==> flow/design.v <==
module sync_registers_n #(
    parameter WORDS = 10,
    parameter W = 8,
    parameter AW = $clog2(WORDS)
) (
    input wire clock,
    input wire rst_n,
    input wire in_write,
    input wire [AW-1:0] in_wr_addr,
    input wire [W-1:0] in_wd,
    input wire [AW-1:0] in_read_addr_a,
    input wire [AW-1:0] in_read_addr_b,
    output wire [W-1:0] out_dout_a,
    output wire [W-1:0] out_dout_b
);
    reg write_d1;
    reg [AW-1:0] wr_addr_d1;
    reg [W-1:0] wd_d1;
    always @(posedge clock or negedge rst_n) begin
        if (!rst_n) begin
            write_d1 <= 1'b0;
            wr_addr_d1 <= 0;
            wd_d1 <= 0;
        end else begin
            write_d1 <= in_write;
            wr_addr_d1 <= in_wr_addr;
            wd_d1 <= in_wd;
        end
    end
    reg [W-1:0] mem [WORDS-1:0];
    always @(posedge clock) begin
        if (write_d1)
            mem[wr_addr_d1] <= wd_d1;
    end
    reg [AW-1:0] read_addr_a_d1;
    reg [AW-1:0] read_addr_b_d1;
    always @(posedge clock or negedge rst_n) begin
        if (!rst_n) begin
            read_addr_a_d1 <= 0;
            read_addr_b_d1 <= 0;
        end else begin
            read_addr_a_d1 <= in_read_addr_a;
            read_addr_b_d1 <= in_read_addr_b;
        end
    end
    assign out_dout_a = mem[read_addr_a_d1];
    assign out_dout_b = mem[read_addr_b_d1];
endmodule
From RTL to reports: sync_registers_n. Tool output for the design above, in the order of the flow. Line numbers count from 1 in the design file above. Operators: Yosys type, input widths -> output width; for muxes data width and select width s. Not given: -

Top module: sync_registers_n. Clock input: clock. Library: sky130hd. Timing corner: tt_025C_1v80.

Word-level counts. Counts by Yosys on the flattened word-level netlist (proc, flatten, opt, wreduce; memories kept). Register bits leave out memories and registers merged into their read ports (data or address); mux counts leave out enables and synchronous resets folded into registers. Print and check cells are left out. Cells with the same type and inputs are merged into one. Yosys's memory passes give these memory sizes; they may raise the number of words (mostly to a power of two), join words into wider ones and drop unused or constant bits.

The figure for memory cells is 1. For output and inout bits the number is 16. The figure for bits of input ports is 23. Latch bits: 0. For clocked read ports x word width the number is 0. Under bits in writable memories stands 80. For memory bits (read-only) the number is 0. Cells after elaboration: 9. Under flip-flop bits (word level) stands 21.

Memories: mem (depth 10, bits a word 8, read ports 2, write ports 1, RTL line 30) `reg [W-1:0] mem [WORDS-1:0];`.

Under reduce/logical cells stands 0. For order comparisons the number is 0. The figure for bitwise logic cells is 0. For $add $sub $neg the number is 0. Under div/mod/pow operators stands 0. The entry for shift operators reads 0. The figure for eq/ne operators is 0. Mux-type cells: 3. The figure for $mul is 0.

Operator list (number): $mux 8 (1); $mux 4 (1); $mux 1 (1).

Longest topological paths. Yosys ltp: most cells in a row. Word level: on the elaborated netlist, between registers, memories and ports. Mapped: between sequential cells and ports; inverters and the memories' decode and read muxes count.

The figure for depth in word-level cells is 1. The figure for ABC_AREA is 0. The figure for mapped depth is 5.

Mapped cells and area. Yosys stat after the flow's synthesis: flattened, memories mapped to cells. It holds for the ABC_AREA given above (unset counts as 0); a run with the other value may have another netlist. Totals and module areas in this step are rounded.

Cells by type (number): sky130_fd_sc_hd__edfxtp_1 (80); sky130_fd_sc_hd__mux2_2 (48); sky130_fd_sc_hd__dfrtp_1 (21); sky130_fd_sc_hd__mux2i_1 (32); sky130_fd_sc_hd__a22o_1 (16); sky130_fd_sc_hd__o31ai_1 (14); sky130_fd_sc_hd__o22ai_1 (16); sky130_fd_sc_hd__buf_12 (4); sky130_fd_sc_hd__nand2_1 (19); sky130_fd_sc_hd__buf_6 (3); sky130_fd_sc_hd__nor2_1 (9); sky130_fd_sc_hd__buf_1 (7); sky130_fd_sc_hd__nand2b_1 (4); sky130_fd_sc_hd__o31ai_2 (2); sky130_fd_sc_hd__buf_4 (2); sky130_fd_sc_hd__nand3b_1 (2); sky130_fd_sc_hd__nor3_1 (3); sky130_fd_sc_hd__clkbuf_8 (1).

Not listed: further types 3, cells in them 4.

Sequential part of the area: 2930 µm². For chip area (Yosys) the number is 4510 µm². The figure for flip-flops is 101. The entry for cells in the netlist reads 287.

Timing after synthesis. Source: OpenSTA report_checks on the synthesized netlist (no wires, ideal clock, input and output delay 20% of the period each), path of least setup slack; recovery checks are left aside. Register names are those of the netlist, which keeps one name where synthesis merged equal registers.

Path kind: register to register. From: register wr_addr_d1[2]. To: memory mem[0][0]. Under time at the first pin stands 0.000 ns. The entry for path delay reads 1.857 ns. The entry for data required time reads 1.937 ns. Stages: 3. Period: 2.32 ns. Setup slack: 0.463 ns. The figure for library setup time is 0.383 ns. The figure for arrival time is 1.474 ns. Under period reached after synthesis stands 1.857 ns.

"path delay" is the arrival time less input delay plus setup time. "stages" counts driving pins, that of a launching flip-flop among them; a cell with two outputs on the path counts twice. "period reached after synthesis" = period - worst setup slack (recovery checks aside). The figure is calculated, with input and output delays left at 20% of the set period. The rows between start and end are the longest chain of elaborated cells between them; the timing report does not say that the signal goes this way. Where chains are equally long, one stands for them. A line is the first line of the expression or statement that the cell stems from. Yosys adds cells for indexed reads and writes and turns some case tables into memories.

Cell sequence: sky130_fd_sc_hd__dfrtp_1 -> sky130_fd_sc_hd__or3b_2 -> sky130_fd_sc_hd__nor3_1. The figure for cells in the longest elaborated chain is 1. The entry for elaborated cells between the ends (all ways) reads 1. The entry for RTL lines with such cells reads 1. Classes of those cells: 1 x mux.

RTL lines, path after synthesis: start, declared (RTL line 17) `reg [AW-1:0] wr_addr_d1;`; start, assigned (RTL line 22) `wr_addr_d1 <= 0;`; start, assigned (RTL line 26) `wr_addr_d1 <= in_wr_addr;`; $mux 4 (RTL line 32) `if (write_d1)`; end, declared (RTL line 30) `reg [W-1:0] mem [WORDS-1:0];`.

Path in the finished layout. Path of least setup slack in the final report of run 1 (OpenROAD, finished layout, wires in). Where an end is a register, its clock arrival counts in the times.

Path kind: register to output. From: register read_addr_a_d1[0]. To: output out_dout_a[3]. Period: 2.32 ns. The entry for data required time reads 1.86 ns. External output delay: 0.46 ns. The figure for arrival time is 1.84 ns. Under time at the first pin stands 0.33 ns. Setup slack: 0.02 ns. Stages: 6.

The rows between start and end are the longest chain of elaborated cells between them; the timing report does not say that the signal goes this way. Where chains are equally long, one stands for them. A memory read counts as a cell of the chain, while the word-level depth stops at memories.

Cell sequence: sky130_fd_sc_hd__dfrtp_2 -> sky130_fd_sc_hd__bufbuf_16 -> sky130_fd_sc_hd__mux2i_1 -> sky130_fd_sc_hd__a22o_1 -> sky130_fd_sc_hd__o31ai_2 -> sky130_fd_sc_hd__buf_2. The figure for cells in the longest elaborated chain is 1. The entry for elaborated cells between the ends (all ways) reads 1. The entry for RTL lines with such cells reads 1. Classes of those cells: 1 x memory.

RTL lines, path after layout: start, declared (RTL line 35) `reg [AW-1:0] read_addr_a_d1;`; start, assigned (RTL line 39) `read_addr_a_d1 <= 0;`; start, assigned (RTL line 42) `read_addr_a_d1 <= in_read_addr_a;`; $mem_v2 10x8 (RTL line 30) `reg [W-1:0] mem [WORDS-1:0];`; end, declared (RTL line 13) `output wire [W-1:0] out_dout_a,`.

Hand-over note for sync_registers_n

3 stored runs of sync_registers_n in the flow (synthesis by Yosys, layout by OpenROAD, sky130hd cells), in arbitrary order. Constraints: input delay and output delay 20% of the set period each, output load 0.01 pF. "reached clock period": clock period set for the run, less the worst setup slack. It is reckoned from that one timing run; input and output delays stay at 20% of the period that was set. "critical setup path time": the worst setup path's part of the clock period (all of it between registers, 20% less for each end at a port) less its slack. A launch clock that arrives late makes it longer, a capture clock that arrives late makes it shorter. "power consumption" is the tool's figure for a default switching activity; nothing was simulated. Results are given in rounded form.

Files of run 1:
==> flow/run.sh <==
#!/bin/bash
# the make line also repeats the synthesis and layout settings of config.mk as NAME=value (left out here)
make -C /OpenROAD-flow-scripts/flow DESIGN_CONFIG=/design/flow/config.mk WORK_HOME=/design/flow/orfs CLKGATE_MAP_FILE= finish
==> flow/config.mk <==
export PLATFORM = sky130hd
export DESIGN_NAME = sync_registers_n
export DESIGN_NICKNAME = sync_registers_n
export VERILOG_FILES = /design/flow/design.v
export SDC_FILE = /design/flow/constraint.sdc
export NUM_CORES = 4
export LEC_CHECK = 0
export CAP_MARGIN = 20
export CORE_MARGIN = 2
export CORE_UTILIZATION = 40
export SLEW_MARGIN = 20
==> flow/constraint.sdc <==
create_clock -name core_clock -period 2.32 [get_ports {clock}]
set_input_delay 0.4640 -clock core_clock [delete_from_list [all_inputs] [get_ports {clock}]]
set_output_delay 0.4640 -clock core_clock [all_outputs]
set_load 0.01 [all_outputs]

Results of run 1. The measured synthesized cell area is 4510 µm². The die size comes to 12200 µm². The std-cell area (final layout) stands at 5730 µm². The worst slack on setup checks stands at 0.016 ns. For the power consumption the run shows 3960 µW. The reached clock period is 2.304 ns. For the critical setup path time the run shows 1.84 ns. Type of the worst setup path: register to output.

Files of run 2:
==> flow/run.sh <==
#!/bin/bash
# the make line also repeats the synthesis and layout settings of config.mk as NAME=value (left out here)
make -C /OpenROAD-flow-scripts/flow DESIGN_CONFIG=/design/flow/config.mk WORK_HOME=/design/flow/orfs CLKGATE_MAP_FILE= finish
==> flow/config.mk <==
export PLATFORM = sky130hd
export DESIGN_NAME = sync_registers_n
export DESIGN_NICKNAME = sync_registers_n
export VERILOG_FILES = /design/flow/design.v
export SDC_FILE = /design/flow/constraint.sdc
export NUM_CORES = 4
export LEC_CHECK = 0
export CAP_MARGIN = 20
export CELL_PAD_IN_SITES_DETAIL_PLACEMENT = 1
export CORE_MARGIN = 2
export CORE_UTILIZATION = 31
export HOLD_SLACK_MARGIN = 0.04
export MIN_ROUTING_LAYER = met1
export PLACE_DENSITY_LB_ADDON = 0.1
export SETUP_SLACK_MARGIN = 0.54
export SLEW_MARGIN = 20
export TNS_END_PERCENT = 60
==> flow/constraint.sdc <==
create_clock -name core_clock -period 2.95 [get_ports {clock}]
set_input_delay 0.5900 -clock core_clock [delete_from_list [all_inputs] [get_ports {clock}]]
set_output_delay 0.5900 -clock core_clock [all_outputs]
set_load 0.01 [all_outputs]

Results of run 2. The measured synthesized cell area is 4510 µm². The die size comes to 15500 µm². The std-cell area (final layout) stands at 5970 µm². The worst slack on setup checks stands at 0.404 ns. For the power consumption the run shows 3330 µW. The reached clock period is 2.546 ns. For the critical setup path time the run shows 1.96 ns. Type of the worst setup path: register to output.

Files of run 3:
==> flow/run.sh <==
#!/bin/bash
# the make line also repeats the synthesis and layout settings of config.mk as NAME=value (left out here)
make -C /OpenROAD-flow-scripts/flow DESIGN_CONFIG=/design/flow/config.mk WORK_HOME=/design/flow/orfs CLKGATE_MAP_FILE= finish
==> flow/config.mk <==
export PLATFORM = sky130hd
export DESIGN_NAME = sync_registers_n
export DESIGN_NICKNAME = sync_registers_n
export VERILOG_FILES = /design/flow/design.v
export SDC_FILE = /design/flow/constraint.sdc
export NUM_CORES = 4
export LEC_CHECK = 0
export CAP_MARGIN = 20
export CELL_PAD_IN_SITES_GLOBAL_PLACEMENT = 3
export CORE_MARGIN = 5
export CORE_UTILIZATION = 42
export CTS_CLUSTER_SIZE = 54
export GPL_TIMING_DRIVEN = 0
export MIN_ROUTING_LAYER = met1
export PLACE_DENSITY_LB_ADDON = 0.07
export SETUP_SLACK_MARGIN = -0.29
export SLEW_MARGIN = 20
==> flow/constraint.sdc <==
create_clock -name core_clock -period 3.65 [get_ports {clock}]
set_input_delay 0.7300 -clock core_clock [delete_from_list [all_inputs] [get_ports {clock}]]
set_output_delay 0.7300 -clock core_clock [all_outputs]
set_load 0.01 [all_outputs]

Results of run 3. The measured synthesized cell area is 4510 µm². The die size comes to 12900 µm². The std-cell area (final layout) stands at 5290 µm². The worst slack on setup checks stands at 0.452 ns. For the power consumption the run shows 2280 µW. The reached clock period is 3.198 ns. For the critical setup path time the run shows 2.47 ns. Type of the worst setup path: register to output.

End of note.
